==> flow/design.v <==
module dp_mult_p #(
   parameter int W = 11
) (
   input logic sys_clk,
   input logic rst_n,
   input logic [W-1:0] arg0,
   input logic [W-1:0] arg1,
   output logic [2*W-1:0] out
);
   logic [W-1:0] arg0_s;
   logic [W-1:0] arg1_s;
   always_ff @(posedge sys_clk or negedge rst_n) begin
      if (~rst_n) begin
         arg0_s <= 0;
         arg1_s <= 0;
      end else begin
         arg0_s <= arg0;
         arg1_s <= arg1;
      end
   end
   wire [2*W-1:0] tree [0:W];
   assign tree[0] = 0;
   for (genvar gi = 0; gi < W; gi++) begin : slice
      assign tree[gi+1] = tree[gi] + (arg1_s[gi] ? {{W{1'b0}}, arg0_s} << gi : {2*W{1'b0}});
   end
   logic [2*W-1:0] out_s;
   always_ff @(posedge sys_clk or negedge rst_n) begin
      if (~rst_n) begin
         out_s <= 0;
      end else begin
         out_s <= tree[W];
      end
   end
   assign out = out_s;
endmodule
# From RTL to reports: dp_mult_p
# The steps from the RTL of dp_mult_p to its reports follow in flow order.
# Line numbers count from 1 in the design file above.
# Cell names lack the library's common part.
setup:
  design: "dp_mult_p"
  clk_port: "sys_clk"
  lib: "sky130hd"
  corner: "tt_025C_1v80"

# Elaborated design
# Counts by Yosys on the flattened word-level netlist (proc, flatten, opt, wreduce; memories kept). Register bits leave out memories and registers merged into their read ports (data or address); mux counts leave out enables and synchronous resets folded into registers. Print and check cells are left out. Cells with the same type and inputs are merged into one.
bits:
  reg_bits: 44
  latchBits: 0
  ramBits: 0
  romBits: 0
  clocked_rd_ports_x_width: 0
  n_memories: 0
  input_bits: 24
  out_inout_bits: 22
  word_cells: 24
op_classes:
  addsub: 10
  mul: 0
  n_div: 0
  n_cmp: 0
  n_eq: 0
  n_shift: 0
  n_mux: 11
  logic: 0
  n_reduce_logical: 0
ops:
  columns: ["op", "n"]
  rows:
  - ["21-bit by 21-bit adder with 22-bit output", 1]
  - ["20-bit by 20-bit adder with 21-bit output", 1]
  - ["21-bit two-way mux", 1]
  - ["19-bit by 19-bit adder with 20-bit output", 1]
  - ["20-bit two-way mux", 1]
  - ["18-bit by 18-bit adder with 19-bit output", 1]
  - ["19-bit two-way mux", 1]
  - ["17-bit by 17-bit adder with 18-bit output", 1]
  - ["18-bit two-way mux", 1]
  - ["16-bit by 16-bit adder with 17-bit output", 1]
  - ["17-bit two-way mux", 1]
  - ["15-bit by 15-bit adder with 16-bit output", 1]
  - ["16-bit two-way mux", 1]
  - ["14-bit by 14-bit adder with 15-bit output", 1]
  - ["15-bit two-way mux", 1]
  - ["13-bit by 13-bit adder with 14-bit output", 1]
  - ["14-bit two-way mux", 1]
  - ["11-bit by 12-bit adder with 13-bit output", 1]
  - ["13-bit two-way mux", 1]
  - ["12-bit two-way mux", 1]
  - ["11-bit two-way mux", 1]

# Longest topological paths
# Depth = most cells in a row (Yosys ltp): at word level without a register or memory, in the mapped netlist without a sequential cell, where the memories' decode and read muxes count.
logic_depth:
  word_depth: 11
  abc_area: 0
  mapped_depth: 18
  depth_no_buf: 17

# Netlist
# Yosys stat after the flow's synthesis: flattened, memories mapped to cells. It holds for the ABC_AREA given above (unset counts as 0); a run with the other value may have another netlist.
# Totals and module areas in this step are rounded.
by_type:
  columns: ["cell", "n", "area_total_um2"]
  rows:
  - ["fa_1", 83, 1.66E+03]
  - ["dfrtp_1", 44, 1.1E+03]
  - ["ha_1", 53, 663.136]
  - ["and2_1", 58, 362.848]
  - ["inv_1", 83, 311.549]
  - ["nand2_1", 68, 255.245]
  - ["xnor2_1", 11, 96.342]
  - ["clkbuf_1", 22, 82.579]
  - ["a21o_1", 9, 67.565]
  - ["a21oi_1", 9, 45.043]
  - ["a31oi_1", 6, 37.536]
  - ["xor2_1", 3, 26.275]
  - ["nor2_1", 5, 18.768]
  - ["and4_1", 2, 17.517]
  - ["a221oi_2", 1, 15.014]
  - ["a311oi_2", 1, 15.014]
  - ["o211ai_1", 2, 15.014]
  - ["o21ai_0", 3, 15.014]
# Other cell types: 11; their cells: 13.
synth_totals:
  mapped_cells: 476
  yosys_area_mm2: 0.004908
  sequential_area_mm2: 0.001101
  ffs: 44
  buffers: 22

# Worst setup path after synthesis
# OpenSTA on the mapped netlist: ideal clock, no wires. The path of least setup slack (recovery checks aside). Input and output delay are each 20% of the period. Register names are those of the netlist, which keeps one name where synthesis merged equal registers.
synth_timing:
  path_type: "register to register"
  start: "register arg0_s[8]"
  end: "register out_s[19]"
  tclk_ns: 6.09
  setup_ns: 0.080
  arrival_ns: 4.789
  required_ns: 6.010
  setup_slack_ns: 1.221
  delay_ns: 4.869
  path_stages: 17
  synth_period_reached_ns: 4.869
# "delay_ns" is the arrival time less input delay plus setup time.
# "path_stages" counts driving pins, that of a launching flip-flop among them; a cell with two outputs on the path counts twice.
# "synth_period_reached_ns" is the clock period less the worst setup slack; recovery checks do not enter. This is arithmetic on one report: input and output delays are still those of the set period (20% each).
# Between the ends stands the longest chain of elaborated cells between them, by number of cells; it is not shown to be the way that was timed. Of several equally long chains one is given.
# A line is the first line of the expression or statement that the cell stems from. Yosys adds cells for indexed reads and writes and turns some case tables into memories.
synth_via:
  path_cell_list: "dfrtp_1 clkbuf_1 and2_1 fa_1 inv_1 fa_1 inv_1 fa_1 fa_1 inv_1 fa_1 inv_1 ha_1 a21oi_1 or4b_4 a211oi_2 xnor2_1"
  elab_chain_len: 11
synth_lines:
  columns: ["element", "line_no", "rtl"]
  rows:
  - ["start, declared", 10, "logic [W-1:0] arg0_s;"]
  - ["start, assigned", 14, "arg0_s <= 0;"]
  - ["start, assigned", 17, "arg0_s <= arg0;"]
  - ["11-bit two-way mux", 24, "assign tree[gi+1] = tree[gi] + (arg1_s[gi] ? {{W{1'b0}}, arg0_s} << gi : {2*W{1'b0}});"]
  - ["11-bit by 12-bit adder with 13-bit output", 24, null]
  - ["13-bit by 13-bit adder with 14-bit output", 24, null]
  - ["14-bit by 14-bit adder with 15-bit output", 24, null]
  - ["15-bit by 15-bit adder with 16-bit output", 24, null]
  - ["16-bit by 16-bit adder with 17-bit output", 24, null]
  - ["17-bit by 17-bit adder with 18-bit output", 24, null]
  - ["18-bit by 18-bit adder with 19-bit output", 24, null]
  - ["19-bit by 19-bit adder with 20-bit output", 24, null]
  - ["20-bit by 20-bit adder with 21-bit output", 24, null]
  - ["21-bit by 21-bit adder with 22-bit output", 24, null]
  - ["end, assigned", 29, "out_s <= 0;"]
  - ["end, assigned", 31, "out_s <= tree[W];"]
  - ["end, declared", 26, "logic [2*W-1:0] out_s;"]

# Path in the finished layout
# Path of least setup slack in the final report of stored run 1 (OpenROAD, finished layout, wires in). Where an end is a register, its clock arrival counts in the times.
layout_timing:
  path_type: "register to register"
  start: "register arg1_s[6]"
  end: "register out_s[15]"
  tclk_ns: 6.09
  setup_ns: 0.07
  arrival_ns: 5.32
  required_ns: 6.31
  setup_slack_ns: 0.99
  path_stages: 16
# Between the ends stands the longest chain of elaborated cells between them, by number of cells; it is not shown to be the way that was timed. Of several equally long chains one is given.
layout_via:
  path_cell_list: "dfrtp_1 and2_1 fa_1 inv_1 fa_1 inv_1 fa_1 fa_1 inv_1 fa_1 inv_1 ha_1 a21oi_1 or4b_4 a31oi_1 xnor2_1"
  elab_chain_len: 6
layout_lines:
  columns: ["element", "line_no", "rtl"]
  rows:
  - ["start, declared", 11, "logic [W-1:0] arg1_s;"]
  - ["start, assigned", 15, "arg1_s <= 0;"]
  - ["start, assigned", 18, "arg1_s <= arg1;"]
  - ["17-bit two-way mux", 24, "assign tree[gi+1] = tree[gi] + (arg1_s[gi] ? {{W{1'b0}}, arg0_s} << gi : {2*W{1'b0}});"]
  - ["17-bit by 17-bit adder with 18-bit output", 24, null]
  - ["18-bit by 18-bit adder with 19-bit output", 24, null]
  - ["19-bit by 19-bit adder with 20-bit output", 24, null]
  - ["20-bit by 20-bit adder with 21-bit output", 24, null]
  - ["21-bit by 21-bit adder with 22-bit output", 24, null]
  - ["end, assigned", 29, "out_s <= 0;"]
  - ["end, assigned", 31, "out_s <= tree[W];"]
  - ["end, declared", 26, "logic [2*W-1:0] out_s;"]

# Below are 3 stored runs of the flow (Yosys, OpenROAD; platform sky130hd) on dp_mult_p, each with its settings and what was measured, unordered. Constraints: input delay and output delay 20% of the set period each, output load 0.01 pF.
# "achievedPeriod_ns": clock period set for the run, less the worst setup slack. It is reckoned from that one timing run; input and output delays stay at 20% of the period that was set.
# "worst_path_time_ns" is the time allowed to the run's worst setup path (the clock period less input and output delay, where it has them) less its slack. Clock arrival times count: a late capture clock shortens it, a late launch clock lengthens it.
# "final_power_mw" rests on the timing tool's default activity at the inputs, not on a simulated workload.
# Values from the reports are rounded here.
runs:
  - name: "stored run 1"
    settings:
      period_ns: 6.09
      CAP_MARGIN: 20
      CORE_MARGIN: 2
      CORE_UTILIZATION: 40
      SLEW_MARGIN: 20
    results:
      post_synth_area_mm2: 0.004908
      total_die_area_mm2: 0.01317
      layout_stdcell_area_mm2: 0.005622
      finish.utilization_frac: 0.468
      worstSetupSlack_ns: 0.991
      fin_tns_ns: 0.000
      final_power_mw: 2.369
      achievedPeriod_ns: 5.099
      worst_path_time_ns: 5.10
      critical_path_kind: "register to register"
  - name: "stored run 2"
    settings:
      period_ns: 4.94
      CORE_UTILIZATION: 32
      SETUP_SLACK_MARGIN: -0.35
      PLACE_DENSITY: 0.42
      HOLD_SLACK_MARGIN: 0.16
      CORE_ASPECT_RATIO: 0.6
      TNS_END_PERCENT: 80
      GPL_TIMING_DRIVEN: 0
      GPL_ROUTABILITY_DRIVEN: 1
      MIN_ROUTING_LAYER: "met1"
      MAX_ROUTING_LAYER: "met4"
      CAP_MARGIN: 20
      CORE_MARGIN: 2
      SLEW_MARGIN: 20
    results:
      post_synth_area_mm2: 0.004908
      total_die_area_mm2: 0.01638
      layout_stdcell_area_mm2: 0.005781
      finish.utilization_frac: 0.382
      worstSetupSlack_ns: -0.153
      fin_tns_ns: -0.707
      final_power_mw: 2.958
      achievedPeriod_ns: 5.093
      worst_path_time_ns: 5.09
      critical_path_kind: "register to register"
  - name: "stored run 3"
    settings:
      period_ns: 9.37
      CORE_UTILIZATION: 31
      SETUP_SLACK_MARGIN: 0.16
      PLACE_DENSITY: 0.49
      CELL_PAD_IN_SITES_DETAIL_PLACEMENT: 2
      TNS_END_PERCENT: 85
      GPL_TIMING_DRIVEN: 0
      CTS_CLUSTER_SIZE: 65
      CTS_CLUSTER_DIAMETER: 122
      SLEW_MARGIN: 30
      CAP_MARGIN: 20
      CORE_MARGIN: 2
    results:
      post_synth_area_mm2: 0.004908
      total_die_area_mm2: 0.01686
      layout_stdcell_area_mm2: 0.005791
      finish.utilization_frac: 0.378
      worstSetupSlack_ns: 3.862
      fin_tns_ns: 0.000
      final_power_mw: 1.616
      achievedPeriod_ns: 5.508
      worst_path_time_ns: 5.51
      critical_path_kind: "register to register"
